==> flow/design.v <==
module core_chooser_rtl #(
    parameter WD = 1,
    parameter WAYS = 20,
    parameter SEL_WIDTH = $clog2(WAYS)
) (
    input wire ck,
    input wire RST,
    input wire [WAYS*WD-1:0] in_ch,
    input wire [SEL_WIDTH-1:0] in_sel,
    output wire [WD-1:0] out_q
);
    reg [WAYS*WD-1:0] ch_r;
    reg [SEL_WIDTH-1:0] sel_r;
    always @(posedge ck or posedge RST) begin
        if (RST) begin
            ch_r <= 0;
            sel_r <= 0;
        end else begin
            ch_r <= in_ch;
            sel_r <= in_sel;
        end
    end
    wire [WAYS-1:0] onehot = {{(WAYS-1){1'b0}}, 1'b1} << sel_r;
    reg [WAYS-1:0] onehot_r;
    reg [WAYS*WD-1:0] ch_r_d;
    always @(posedge ck or posedge RST) begin
        if (RST) begin
            onehot_r <= 0;
            ch_r_d <= 0;
        end else begin
            onehot_r <= onehot;
            ch_r_d <= ch_r;
        end
    end
    reg [WD-1:0] r;
    integer i;
    always @(*) begin
        r = 0;
        for (i = 0; i < WAYS; i = i + 1)
            r = r | (ch_r_d[i*WD +: WD] & {WD{onehot_r[i]}});
    end
    reg [WD-1:0] q_r;
    always @(posedge ck or posedge RST) begin
        if (RST) begin
            q_r <= 0;
        end else begin
            q_r <= r;
        end
    end
    assign out_q = q_r;
endmodule
Reports on core_chooser_rtl

Tool output for the design above, in the order of the flow.
Line numbers count from 1 in the design file above.
Operators: Yosys type, input widths -> output width; for muxes data width and select width s.
Cell names lack the library's common part.
A cell with - has no value.

Top module: core_chooser_rtl
Clock port: ck
Standard-cell library: sky130hd
Library corner: tt_025C_1v80

Word-level counts

Source: Yosys, flattened and elaborated, memories not mapped. Widths are those after wreduce; folded enables and synchronous resets count as part of the registers. Registers that Yosys merges into a memory's read port (data or address) are not register bits. Print and check cells do not count. Equal cells are merged and count once.

Bits in registers: 66
Latch bits: 0
Bits in writable memories: 0
Bits in read-only memories: 0
Word width x clocked read ports: 0
Memories: 0
Input bits: 27
Output and inout port bits: 1
Elaborated cells: 45

Add/sub/neg operators: 0
Multiply operators: 0
Divide/modulo/power cells: 0
$lt $le $gt $ge: 0
Equal/unequal tests: 0
Shifts and indexed selects: 1
Muxes and demuxes: 0
Bitwise operators: 39
Reductions and logical operators: 0

Operator list:

| operator             | count |
| $and 1x1->1          | 20 |
| $shl 1x5->20 const A | 1 |
| $or 1x1->1           | 19 |

Longest topological paths

Longest topological path by Yosys (ltp), each cell counted once; first at word level (registers and memories cut), then after technology mapping (sequential cells cut; the memories' decode and read muxes count).

Depth in word-level cells: 20
ABC_AREA: 0
Gate-level depth with buffers: 4
Mapped depth without buffers: 4

Netlist

Yosys stat after the flow's synthesis: flattened, memories mapped to cells. It holds for the ABC_AREA given above (unset counts as 0); a run with the other value may have another netlist.
Totals and module areas in this step are rounded.

Cells by type:

| cell     | count | total area (um^2) |
| dfrtp_1  | 66    | 1.65E+03 |
| a221oi_2 | 3     | 45.043 |
| nor2_1   | 11    | 41.29 |
| a22o_1   | 4     | 35.034 |
| nor3_1   | 6     | 30.029 |
| nand2b_1 | 4     | 25.024 |
| nand2_1  | 6     | 22.522 |
| and3_1   | 3     | 18.768 |
| a22oi_1  | 2     | 15.014 |
| buf_2    | 3     | 15.014 |
| nor2b_1  | 2     | 12.512 |
| nor4_1   | 2     | 12.512 |
| or3_4    | 1     | 11.261 |
| a221oi_1 | 1     | 8.758 |
| nand4_1  | 1     | 6.256 |
| inv_1    | 1     | 3.754 |

Mapped cells: 116
Mapped area: 1954 um^2
Sequential part of the area: 1652 um^2
Flip-flop cells: 66
Buffers: 3

Worst setup path after synthesis

Path of least setup slack by OpenSTA after synthesis, without wires, with an ideal clock, recovery checks aside; 20% of the period is set as input and as output delay. Where synthesis merged equal registers, the netlist keeps one of their names.

Path type: register to register
From: register ch_r_d[1]
To: register q_r
Clock period: 1.36 ns
Library setup time: 0.136 ns
Launch time at the first pin: 0.000 ns
Data arrival time: 0.951 ns
Required time: 1.224 ns
Path slack: 0.272 ns
Path delay: 1.087 ns
Stages: 5
Path buffers: 0
Period reached after synthesis: 1.088 ns

"path delay" is the arrival time less input delay plus setup time.
"stages" counts driving pins, that of a launching flip-flop among them; a cell with two outputs on the path counts twice.
"period reached after synthesis" is the clock period less the worst setup slack; recovery checks do not enter. This is arithmetic on one report: input and output delays are still those of the set period (20% each).
The rows between start and end are the longest chain of elaborated cells between them; the timing report does not say that the signal goes this way. Where chains are equally long, one stands for them.
A line is the first line of the expression or statement that the cell stems from. Yosys adds cells for indexed reads and writes and turns some case tables into memories.

Cell sequence: dfrtp_1 a22o_1 a221oi_2 and3_1 nand4_1
Cells in the longest elaborated chain: 20
Elaborated cells between the ends (all ways): 20
Source lines of those cells: 1
Those cells by class: logic: 20

RTL lines, path after synthesis:

| element                  | RTL line | RTL |
| from (decl)              | 25       | `reg [WAYS*WD-1:0] ch_r_d;` |
| from (assign)            | 29       | `ch_r_d <= 0;` |
| from (assign)            | 32       | `ch_r_d <= ch_r;` |
| $and 1x1->1              | 40       | `r = r \| (ch_r_d[i*WD +: WD] & {WD{onehot_r[i]}});` |
| $or 1x1->1 (19 in a row) | 40       |  |
| to (assign)              | 45       | `q_r <= 0;` |
| to (assign)              | 47       | `q_r <= r;` |
| to (decl)                | 42       | `reg [WD-1:0] q_r;` |

Worst path after layout

From the final timing report of run A: the path of least setup slack in the routed layout; clock arrival at registers is part of the times.

Path type: register to register
From: register onehot_r[5]
To: register q_r
Clock period: 0.954 ns
Library setup time: 0.13 ns
Launch time at the first pin: 0.39 ns
Data arrival time: 1.52 ns
Required time: 1.21 ns
Path slack: -0.31 ns
Stages: 5
Path buffers: 0

The rows between start and end are the longest chain of elaborated cells between them; the timing report does not say that the signal goes this way. Where chains are equally long, one stands for them.

Cell sequence: dfrtp_1 a22o_1 a221oi_2 and3_1 nand4_1
Cells in the longest elaborated chain: 16
Elaborated cells between the ends (all ways): 16
Source lines of those cells: 1
Those cells by class: logic: 16

RTL lines, path post-layout:

| element                  | RTL line | RTL |
| from (decl)              | 24       | `reg [WAYS-1:0] onehot_r;` |
| from (assign)            | 28       | `onehot_r <= 0;` |
| from (assign)            | 31       | `onehot_r <= onehot;` |
| $and 1x1->1              | 40       | `r = r \| (ch_r_d[i*WD +: WD] & {WD{onehot_r[i]}});` |
| $or 1x1->1 (15 in a row) | 40       |  |
| to (assign)              | 45       | `q_r <= 0;` |
| to (assign)              | 47       | `q_r <= r;` |
| to (decl)                | 42       | `reg [WD-1:0] q_r;` |

--- measured runs ---
Flow measurements of core_chooser_rtl on sky130hd: 3 stored runs with different settings, listed in no order. Input and output delays are each 20% of the period that was set; the output load is 0.01 pF.
"period reached" means the clock period less the worst setup slack. The figure is calculated, with input and output delays left at 20% of the set period.
"worst path time" is the time allowed to the run's worst setup path (the clock period less input and output delay, where it has them) less its slack. Clock arrival times count: a late capture clock shortens it, a late launch clock lengthens it.
"total power after layout": no workload was simulated; the value follows from the tool's default switching activity.
Measured values are rounded.
Among the settings, -- means not set for that run.

| name                                      | run A                | run B              | run C                |
| period_ns                                 | 0.954                | 1.36               | 0.728                |
| CORE_UTILIZATION                          | 62                   | 40                 | 32                   |
| SETUP_SLACK_MARGIN                        | -0.07                | --                 | 0.1                  |
| PLACE_DENSITY                             | 0.43                 | --                 | --                   |
| ABC_AREA                                  | 0                    | --                 | 0                    |
| GPL_TIMING_DRIVEN                         | 0                    | --                 | 0                    |
| CTS_CLUSTER_SIZE                          | 97                   | --                 | 82                   |
| CTS_CLUSTER_DIAMETER                      | 29                   | --                 | --                   |
| CAP_MARGIN                                | 20                   | 20                 | 25                   |
| CORE_MARGIN                               | 2                    | 2                  | 2                    |
| SLEW_MARGIN                               | 20                   | 20                 | 20                   |
| PLACE_DENSITY_LB_ADDON                    | --                   | --                 | 0.09                 |
| CORE_ASPECT_RATIO                         | --                   | --                 | 0.61                 |
| GPL_ROUTABILITY_DRIVEN                    | --                   | --                 | 1                    |
| MIN_ROUTING_LAYER                         | --                   | --                 | met1                 |
| post-synthesis cell area (um^2)           | 1954                 | 1954               | 1954                 |
| full die area (um^2)                      | 3617                 | 5461               | 6768                 |
| standard-cell area after routing (um^2)   | 2641                 | 2561               | 2995                 |
| utilization of the finished layout (%)    | 87.2                 | 54.2               | 50.4                 |
| worst setup slack after layout (ns)       | -0.313               | 0.121              | -0.543               |
| total negative setup slack (ns)           | -1.338               | 0.000              | -5.682               |
| worst hold slack in the final report (ns) | 0.232                | 0.348              | 0.242                |
| total power after layout (mW)             | 4.905                | 3.973              | 7.310                |
| period reached (ns)                       | 1.267                | 1.239              | 1.271                |
| worst path time (ns)                      | 1.27                 | 0.97               | 1.27                 |
| worst setup path kind                     | register to register | register to output | register to register |
--- end ---
